==> flow/design.v <==
module gen_comparator #(
   parameter W = 56
) (
   input  wire i_clk,
   input  wire [W-1:0] lhs_in,
   input  wire [W-1:0] rhs_in,
   input  wire [W-1:0] extra_in,
   output reg [W-1:0] result_out
);
   always @(posedge i_clk) begin
      result_out <= (lhs_in < rhs_in) ? rhs_in : (lhs_in > extra_in) ? extra_in : lhs_in;
   end
endmodule
**Reports on gen_comparator**

The steps from the RTL of gen_comparator to its reports follow in flow order.
Line numbers count from 1 in the design file above.
Operators carry their Yosys type and port widths (W data, S select, Z words).
Library cell names are shortened.
Not given: -

- Top: gen_comparator
- Clock input: i_clk
- Standard-cell library: sky130hd
- Corner: tt_025C_1v80

**After elaboration**

Source: Yosys, flattened and elaborated, memories not mapped. Widths are those after wreduce; folded enables and synchronous resets count as part of the registers. Registers that Yosys merges into a memory's read port (data or address) are not register bits. Print and check cells do not count. Equal cells are merged and count once.

- Register bits after elaboration: 56
- Input bits: 169
- Output and inout port bits: 56
- Cells after elaboration: 5

- Magnitude comparators: 2
- Muxes and demuxes: 2

Operators by type and width:

| kind | number |
|---|---|
| $mux W56 | 2 |
| $gt A56 B56 Y1 | 1 |
| $lt A56 B56 Y1 | 1 |

**Longest topological paths**

Depth = most cells in a row (Yosys ltp): at word level without a register or memory, in the mapped netlist without a sequential cell, where the memories' decode and read muxes count.

- Depth in word-level cells: 3
- ABC_AREA: 0
- Depth in mapped cells: 11
- Depth with buffers taken out: 9

**After synthesis**

The flow's flattened synthesis, as Yosys stat reports it; memories are mapped. The netlist is that of the ABC_AREA named above (0 if unset); the other value can give another one.
The area totals of this step are shown rounded.

Cells by type:

| cell | number | area in all (sq um) |
|---|---|---|
| ha_1 | 111 | 1.39E+03 |
| dfxtp_1 | 56 | 1.12E+03 |
| inv_1 | 114 | 427.91 |
| a31oi_1 | 58 | 362.848 |
| o21ai_0 | 70 | 350.336 |
| nand3_1 | 67 | 335.322 |
| nor3_1 | 62 | 310.298 |
| a21oi_1 | 34 | 170.163 |
| clkbuf_1 | 35 | 131.376 |
| nand4_1 | 20 | 125.12 |
| nand2_1 | 20 | 75.072 |
| a21o_1 | 8 | 60.058 |
| buf_6 | 5 | 56.304 |
| nor2_1 | 15 | 56.304 |
| a211oi_1 | 5 | 37.536 |
| o21a_1 | 5 | 37.536 |
| and4_1 | 4 | 35.034 |
| o21ai_1 | 6 | 30.029 |

Not listed: further types 17, cells in them 30.

- Cells in the netlist: 725
- Chip area (Yosys): 5340 sq um
- Sequential area: 1120 sq um
- Flip-flops: 56
- Buffer cells: 42

**Path before layout**

Source: OpenSTA report_checks on the synthesized netlist (no wires, ideal clock, input and output delay 20% of the period each), path of least setup slack; recovery checks are left aside. Register names are those of the netlist, which keeps one name where synthesis merged equal registers.

- Path type: input port to flip-flop
- Start point: input extra_in[14]
- End point: register result_out[15]
- Period: 3310 ps
- External input delay: 662 ps
- Setup time: 74 ps
- Launch time at the first pin: 662 ps
- Arrival: 2705 ps
- Required time: 3236 ps
- Slack: 531 ps
- Path delay: 2117 ps
- Stages: 11
- Buffers on the path: 2
- Synthesis period reached: 2779 ps

"path delay" is the arrival time less input delay plus setup time.
"stages" counts driving pins, that of a launching flip-flop among them; a cell with two outputs on the path counts twice.
"synthesis period reached" = period - worst setup slack (recovery checks aside). The figure is calculated, with input and output delays left at 20% of the set period.
The rows between start and end are the longest chain of elaborated cells between them; the timing report does not say that the signal goes this way. Where chains are equally long, one stands for them.
A line is the first line of the expression or statement that the cell stems from. Yosys adds cells for indexed reads and writes and turns some case tables into memories.

- Cells stage by stage: inv_1 ha_1 a21oi_1 nand2_1 a221o_1 o311a_1 o21ai_1 buf_2 clkbuf_1 nand3_1 a31oi_1
- Length of the longest elaborated chain: 3
- Elaborated cells on any way between the ends: 3
- Source lines of those cells: 1
- Classes of those cells: compare (1); mux (2)

RTL lines, path after synthesis:

| element | line | RTL |
|---|---|---|
| start: declaration | 7 | `input  wire [W-1:0] extra_in,` |
| $gt A56 B56 Y1 | 11 | `result_out <= (lhs_in < rhs_in) ? rhs_in : (lhs_in > extra_in) ? extra_in : lhs_in;` |
| $mux W56 (2 in a row) | 11 |  |
| end: assignment | 11 |  |
| end: declaration | 8 | `output reg [W-1:0] result_out` |

**Worst path after layout**

From the final timing report of run 1: the path of least setup slack in the routed layout; clock arrival at registers is part of the times.
The report prints the path's times to 10 ps; the period is as set.

- Path type: input port to flip-flop
- Start point: input lhs_in[23]
- End point: register result_out[23]
- Period: 2980 ps
- External input delay: 600 ps
- Setup time: 70 ps
- Launch time at the first pin: 600 ps
- Arrival: 3200 ps
- Required time: 3230 ps
- Slack: 30 ps
- Stages: 10
- Buffers on the path: 3

The rows between start and end are the longest chain of elaborated cells between them; the timing report does not say that the signal goes this way. Where chains are equally long, one stands for them.

- Cells stage by stage: clkdlybuf4s50_1 ha_1 and4_4 a221oi_4 nor3_2 o41a_2 or2_4 buf_12 buf_16 a31oi_1
- Length of the longest elaborated chain: 3
- Elaborated cells on any way between the ends: 4
- Source lines of those cells: 1
- Classes of those cells: compare (2); mux (2)

RTL lines, path after layout:

| element | line | RTL |
|---|---|---|
| start: declaration | 5 | `input  wire [W-1:0] lhs_in,` |
| $gt A56 B56 Y1 | 11 | `result_out <= (lhs_in < rhs_in) ? rhs_in : (lhs_in > extra_in) ? extra_in : lhs_in;` |
| $mux W56 (2 in a row) | 11 |  |
| end: assignment | 11 |  |
| end: declaration | 8 | `output reg [W-1:0] result_out` |

Subject: flow runs of gen_comparator

Hi,

Stored flow runs of gen_comparator (3 of them; Yosys, OpenROAD, sky130hd). They differ in their settings and are not a sequence. Constraints: input delay and output delay 20% of the set period each, output load 0.01 pF.
"clock period achieved" is the run's clock period less its worst setup slack. It is reckoned from that one timing run; input and output delays stay at 20% of the period that was set.
By "critical setup path time" is meant the share of the clock period that the worst setup path is allowed (20% is reserved at inputs, 20% at outputs), minus its slack. Clock arrival times at its registers enter into it.
"total design power" rests on the timing tool's default activity at the inputs, not on a simulated workload.
"critical setup path time" is known to 10 ps.
The results are shown rounded.

### Run 1

==> flow/run.sh <==
#!/bin/bash
# the make line also repeats the synthesis and layout settings of config.mk as NAME=value (left out here)
make -C /OpenROAD-flow-scripts/flow DESIGN_CONFIG=/design/flow/config.mk WORK_HOME=/design/flow/orfs CLKGATE_MAP_FILE= finish
==> flow/config.mk <==
export PLATFORM = sky130hd
export DESIGN_NAME = gen_comparator
export DESIGN_NICKNAME = gen_comparator
export VERILOG_FILES = /design/flow/design.v
export SDC_FILE = /design/flow/constraint.sdc
export NUM_CORES = 4
export LEC_CHECK = 0
export CAP_MARGIN = 20
export CORE_MARGIN = 2
export CORE_UTILIZATION = 35
export GPL_ROUTABILITY_DRIVEN = 1
export GPL_TIMING_DRIVEN = 1
export HOLD_SLACK_MARGIN = 0.03
export MIN_ROUTING_LAYER = met1
export PLACE_DENSITY_LB_ADDON = 0.09
export SLEW_MARGIN = 20
==> flow/constraint.sdc <==
create_clock -name core_clock -period 2.98 [get_ports {i_clk}]
set_input_delay 0.5960 -clock core_clock [delete_from_list [all_inputs] [get_ports {i_clk}]]
set_output_delay 0.5960 -clock core_clock [all_outputs]
set_load 0.01 [all_outputs]

Results of run 1:
- Cell area after synthesis: 5340 sq um
- Area inside the die boundary: 16300 sq um
- Area of the standard cells in the finished layout: 9770 sq um
- Utilization of the finished layout: 65.0 %
- Worst setup slack after layout: 28 ps
- Total negative slack on setup checks: 0 ps
- Worst hold slack after layout: 616 ps
- Total design power: 3.18 mW
- Clock period achieved: 2952 ps
- Critical setup path time: 2360 ps
- Worst setup path kind: input port to flip-flop

### Run 2

==> flow/run.sh <==
#!/bin/bash
# the make line also repeats the synthesis and layout settings of config.mk as NAME=value (left out here)
make -C /OpenROAD-flow-scripts/flow DESIGN_CONFIG=/design/flow/config.mk WORK_HOME=/design/flow/orfs CLKGATE_MAP_FILE= finish
==> flow/config.mk <==
export PLATFORM = sky130hd
export DESIGN_NAME = gen_comparator
export DESIGN_NICKNAME = gen_comparator
export VERILOG_FILES = /design/flow/design.v
export SDC_FILE = /design/flow/constraint.sdc
export NUM_CORES = 4
export LEC_CHECK = 0
export CAP_MARGIN = 40
export CELL_PAD_IN_SITES_DETAIL_PLACEMENT = 1
export CELL_PAD_IN_SITES_GLOBAL_PLACEMENT = 1
export CORE_ASPECT_RATIO = 1.13
export CORE_MARGIN = 2
export CORE_UTILIZATION = 25
export MIN_ROUTING_LAYER = met2
export PLACE_DENSITY_LB_ADDON = 0.08
export SLEW_MARGIN = 20
==> flow/constraint.sdc <==
create_clock -name core_clock -period 2.44 [get_ports {i_clk}]
set_input_delay 0.4880 -clock core_clock [delete_from_list [all_inputs] [get_ports {i_clk}]]
set_output_delay 0.4880 -clock core_clock [all_outputs]
set_load 0.01 [all_outputs]

Results of run 2:
- Cell area after synthesis: 5340 sq um
- Area inside the die boundary: 22600 sq um
- Area of the standard cells in the finished layout: 11700 sq um
- Utilization of the finished layout: 56.2 %
- Worst setup slack after layout: -222 ps
- Total negative slack on setup checks: -9120 ps
- Worst hold slack after layout: 423 ps
- Total design power: 4.78 mW
- Clock period achieved: 2662 ps
- Critical setup path time: 2170 ps
- Worst setup path kind: input port to flip-flop

### Run 3

==> flow/run.sh <==
#!/bin/bash
# the make line also repeats the synthesis and layout settings of config.mk as NAME=value (left out here)
make -C /OpenROAD-flow-scripts/flow DESIGN_CONFIG=/design/flow/config.mk WORK_HOME=/design/flow/orfs CLKGATE_MAP_FILE= finish
==> flow/config.mk <==
export PLATFORM = sky130hd
export DESIGN_NAME = gen_comparator
export DESIGN_NICKNAME = gen_comparator
export VERILOG_FILES = /design/flow/design.v
export SDC_FILE = /design/flow/constraint.sdc
export NUM_CORES = 4
export LEC_CHECK = 0
export CAP_MARGIN = 20
export CORE_MARGIN = 2
export CORE_UTILIZATION = 40
export SLEW_MARGIN = 20
==> flow/constraint.sdc <==
create_clock -name core_clock -period 3.31 [get_ports {i_clk}]
set_input_delay 0.6620 -clock core_clock [delete_from_list [all_inputs] [get_ports {i_clk}]]
set_output_delay 0.6620 -clock core_clock [all_outputs]
set_load 0.01 [all_outputs]

Results of run 3:
- Cell area after synthesis: 5340 sq um
- Area inside the die boundary: 14300 sq um
- Area of the standard cells in the finished layout: 8300 sq um
- Utilization of the finished layout: 63.2 %
- Worst setup slack after layout: 78 ps
- Total negative slack on setup checks: 0 ps
- Worst hold slack after layout: 973 ps
- Total design power: 2.66 mW
- Clock period achieved: 3232 ps
- Critical setup path time: 2570 ps
- Worst setup path kind: input port to flip-flop

Regards
